==> flow/design.v <==
module alu_addsub #(
    parameter integer WD = 24
) (
    input logic clk_i,
    input logic nrst,
    input logic [WD-1:0] arg0_in,
    input logic sub_in,
    input logic clear_in,
    output logic [WD-1:0] result_out
);
    logic [WD-1:0] cnt;
    always_ff @(posedge clk_i or negedge nrst) begin
        if (~nrst) begin
            cnt <= '0;
        end else begin
            cnt <= clear_in ? arg0_in : sub_in ? cnt - arg0_in : cnt + arg0_in;
        end
    end
    assign result_out = cnt;
endmodule
* From RTL to reports: alu_addsub
Tool output for the design above, in the order of the flow.
Line numbers count from 1 in the design file above.
Operators: Yosys type, input widths -> output width; for muxes data width and select width s.
Library cell names are shortened.
A cell with - has no value.
- Top module :: alu_addsub
- Clock port :: clk_i
- Library :: sky130hd
- Library corner :: tt_025C_1v80

* Word level
Source: Yosys, flattened and elaborated, memories not mapped. Widths are those after wreduce; folded enables and synchronous resets count as part of the registers. Registers that Yosys merges into a memory's read port (data or address) are not register bits. Print and check cells do not count. Equal cells are merged and count once.
- Input port bits :: 28
- Flip-flop bits (word level) :: 24
- Output and inout port bits :: 24
- Mux-type cells :: 2
- Add/subtract/negate cells :: 2
** Operator list (number)
- $mux 24 :: 2
- $add 24x24->24 :: 1
- $sub 24x24->24 :: 1

* Depth
Longest topological path by Yosys (ltp), each cell counted once; first at word level (registers and memories cut), then after technology mapping (sequential cells cut; the memories' decode and read muxes count).
- Depth in word-level cells :: 3
- ABC_AREA :: 0
- Gate-level depth with buffers :: 15

* Synthesis result
Yosys stat after the flow's synthesis: flattened, memories mapped to cells. It holds for the ABC_AREA given above (unset counts as 0); a run with the other value may have another netlist.
Totals and module areas in this step are rounded.
- Buffers :: 14
- Mapped cells :: 332
- Mapped flip-flops :: 24
- Sequential part of the area :: 601 µm²
- Chip area (Yosys) :: 2640 µm²
** Cells by type (number)
- dfrtp_1 :: 24
- ha_1 :: 25
- xnor2_1 :: 32
- o21ai_0 :: 29
- a21oi_1 :: 28
- nand2_1 :: 37
- nor2_1 :: 30
- xor2_1 :: 8
- a21o_1 :: 8
- a31oi_1 :: 8
- a221oi_2 :: 3
- nor3_1 :: 9
- mux2i_1 :: 4
- inv_1 :: 10
- clkbuf_1 :: 9
- o21bai_1 :: 4
- nand2b_1 :: 4
- nand3_1 :: 5
Not listed: further types 31, cells in them 55.

* Path before layout
OpenSTA on the mapped netlist: ideal clock, no wires. The path of least setup slack (recovery checks aside). Input and output delay are each 20% of the period. Register names are those of the netlist, which keeps one name where synthesis merged equal registers.
- Path kind :: input to register
- From :: input arg0_in[8]
- To :: register cnt[23]
- Driving pins on the path :: 15
- Data arrival time :: 3646 ps
- External input delay :: 898 ps
- Period :: 4490 ps
- Setup time :: 123 ps
- Path delay :: 2871 ps
- Data required time :: 4367 ps
- Slack :: 721 ps
- Synthesis period reached :: 3769 ps
"path delay" is the arrival time less input delay plus setup time.
"driving pins on the path" counts driving pins, that of a launching flip-flop among them; a cell with two outputs on the path counts twice.
"synthesis period reached" is the clock period less the worst setup slack; recovery checks do not enter. This is arithmetic on one report: input and output delays are still those of the set period (20% each).
Between the ends stands the longest chain of elaborated cells between them, by number of cells; it is not shown to be the way that was timed. Of several equally long chains one is given.
Each line given opens the expression or statement behind the cell; cells for indexed reads and writes are added by Yosys, which also makes memories of some case tables.
- Path through :: nor4_1 -> and2b_1 -> nand3_1 -> nor4_1 -> nor2_1 -> xnor2_1 -> ha_1 -> clkbuf_1 -> nand2_1 -> nor3_1 -> nand3_1 -> a211oi_1 -> o21a_1 -> o21ai_1 -> xnor2_1
- Cells in the longest elaborated chain :: 3
- Elaborated cells on any way between the ends :: 4
- RTL lines with such cells :: 1
- Classes of those cells :: add/sub: 2; mux: 2
** RTL lines, path post-synthesis
- from (decl) :: line 6 : input logic [WD-1:0] arg0_in,
- $add 24x24->24 :: line 16 : cnt <= clear_in ? arg0_in : sub_in ? cnt - arg0_in : cnt + arg0_in;
- $mux 24 x2 :: line 16
- to (assign) :: line 14 : cnt <= '0;
- to (assign) :: line 16
- to (decl) :: line 11 : logic [WD-1:0] cnt;

* Worst path after layout
Path of least setup slack in the final report of stored run 1 (OpenROAD, finished layout, wires in). Where an end is a register, its clock arrival counts in the times.
The path's times are printed in steps of 10 ps; the period is the one set.
- Path kind :: input to register
- From :: input arg0_in[8]
- To :: register cnt[23]
- External input delay :: 1290 ps
- Slack :: 1510 ps
- Setup time :: 100 ps
- Driving pins on the path :: 15
- Period :: 6460 ps
- Data required time :: 6630 ps
- Data arrival time :: 5120 ps
Between the ends stands the longest chain of elaborated cells between them, by number of cells; it is not shown to be the way that was timed. Of several equally long chains one is given.
- Path through :: clkdlybuf4s50_1 -> nor4_1 -> and2b_1 -> nand3_1 -> nor4_1 -> nor2_1 -> xnor2_1 -> ha_1 -> nand2_1 -> nor3_1 -> nand3_1 -> a211oi_1 -> o21a_1 -> o21ai_1 -> xnor2_1
- Cells in the longest elaborated chain :: 3
- Elaborated cells on any way between the ends :: 4
- RTL lines with such cells :: 1
- Classes of those cells :: add/sub: 2; mux: 2
** RTL lines, path after layout
- from (decl) :: line 6 : input logic [WD-1:0] arg0_in,
- $add 24x24->24 :: line 16 : cnt <= clear_in ? arg0_in : sub_in ? cnt - arg0_in : cnt + arg0_in;
- $mux 24 x2 :: line 16
- to (assign) :: line 14 : cnt <= '0;
- to (assign) :: line 16
- to (decl) :: line 11 : logic [WD-1:0] cnt;

Add stored flow runs of alu_addsub

Settings and measured results of 3 stored flow runs for module alu_addsub (sky130hd), not sorted in any way. The constraints put input and output delay at 20% of the set period each and load the outputs with 0.01 pF.
"period achieved": clock period set for the run, less the worst setup slack. It is reckoned from that one timing run; input and output delays stay at 20% of the period that was set.
"critical path time": the worst setup path's part of the clock period (all of it between registers, 20% less for each end at a port) less its slack. A launch clock that arrives late makes it longer, a capture clock that arrives late makes it shorter.
"total power of the final layout" is the tool's figure for a default switching activity; nothing was simulated.
"critical path time" is given in steps of 10 ps.
Results are given in rounded form.

** Stored run 1
- Settings :: period_ns=6.46; CORE_UTILIZATION=33; PLACE_DENSITY_LB_ADDON=0.25; CORE_MARGIN=6; CELL_PAD_IN_SITES_GLOBAL_PLACEMENT=0; TNS_END_PERCENT=100; GPL_ROUTABILITY_DRIVEN=1; CTS_CLUSTER_DIAMETER=197; CAP_MARGIN=5; SLEW_MARGIN=20
- Post-synthesis cell area :: 2640 µm²
- Area inside the die boundary :: 10300 µm²
- Std-cell area (final layout) :: 3290 µm²
- Utilization after layout :: 42.5 %
- Setup slack of the worst path :: 1510 ps
- Total negative slack :: 0 ps
- Worst-case hold slack :: 672 ps
- Total power of the final layout :: 1.41 mW
- Period achieved :: 4950 ps
- Critical path time :: 3660 ps
- Worst path kind :: input to register

** Stored run 2
- Settings :: period_ns=4.63; CORE_UTILIZATION=53; PLACE_DENSITY_LB_ADDON=0.26; CTS_CLUSTER_SIZE=94; CTS_CLUSTER_DIAMETER=84; SLEW_MARGIN=30; MIN_ROUTING_LAYER=met2; CAP_MARGIN=20; CORE_MARGIN=2
- Post-synthesis cell area :: 2640 µm²
- Area inside the die boundary :: 5560 µm²
- Std-cell area (final layout) :: 3350 µm²
- Utilization after layout :: 70.6 %
- Setup slack of the worst path :: 273 ps
- Total negative slack :: 0 ps
- Worst-case hold slack :: 682 ps
- Total power of the final layout :: 2.08 mW
- Period achieved :: 4357 ps
- Critical path time :: 3430 ps
- Worst path kind :: input to register

** Stored run 3
- Settings :: period_ns=4.49; CAP_MARGIN=20; CORE_MARGIN=2; CORE_UTILIZATION=40; SLEW_MARGIN=20
- Post-synthesis cell area :: 2640 µm²
- Area inside the die boundary :: 7260 µm²
- Std-cell area (final layout) :: 3500 µm²
- Utilization after layout :: 55.1 %
- Setup slack of the worst path :: 203 ps
- Total negative slack :: 0 ps
- Worst-case hold slack :: 680 ps
- Total power of the final layout :: 2.15 mW
- Period achieved :: 4287 ps
- Critical path time :: 3390 ps
- Worst path kind :: input to register
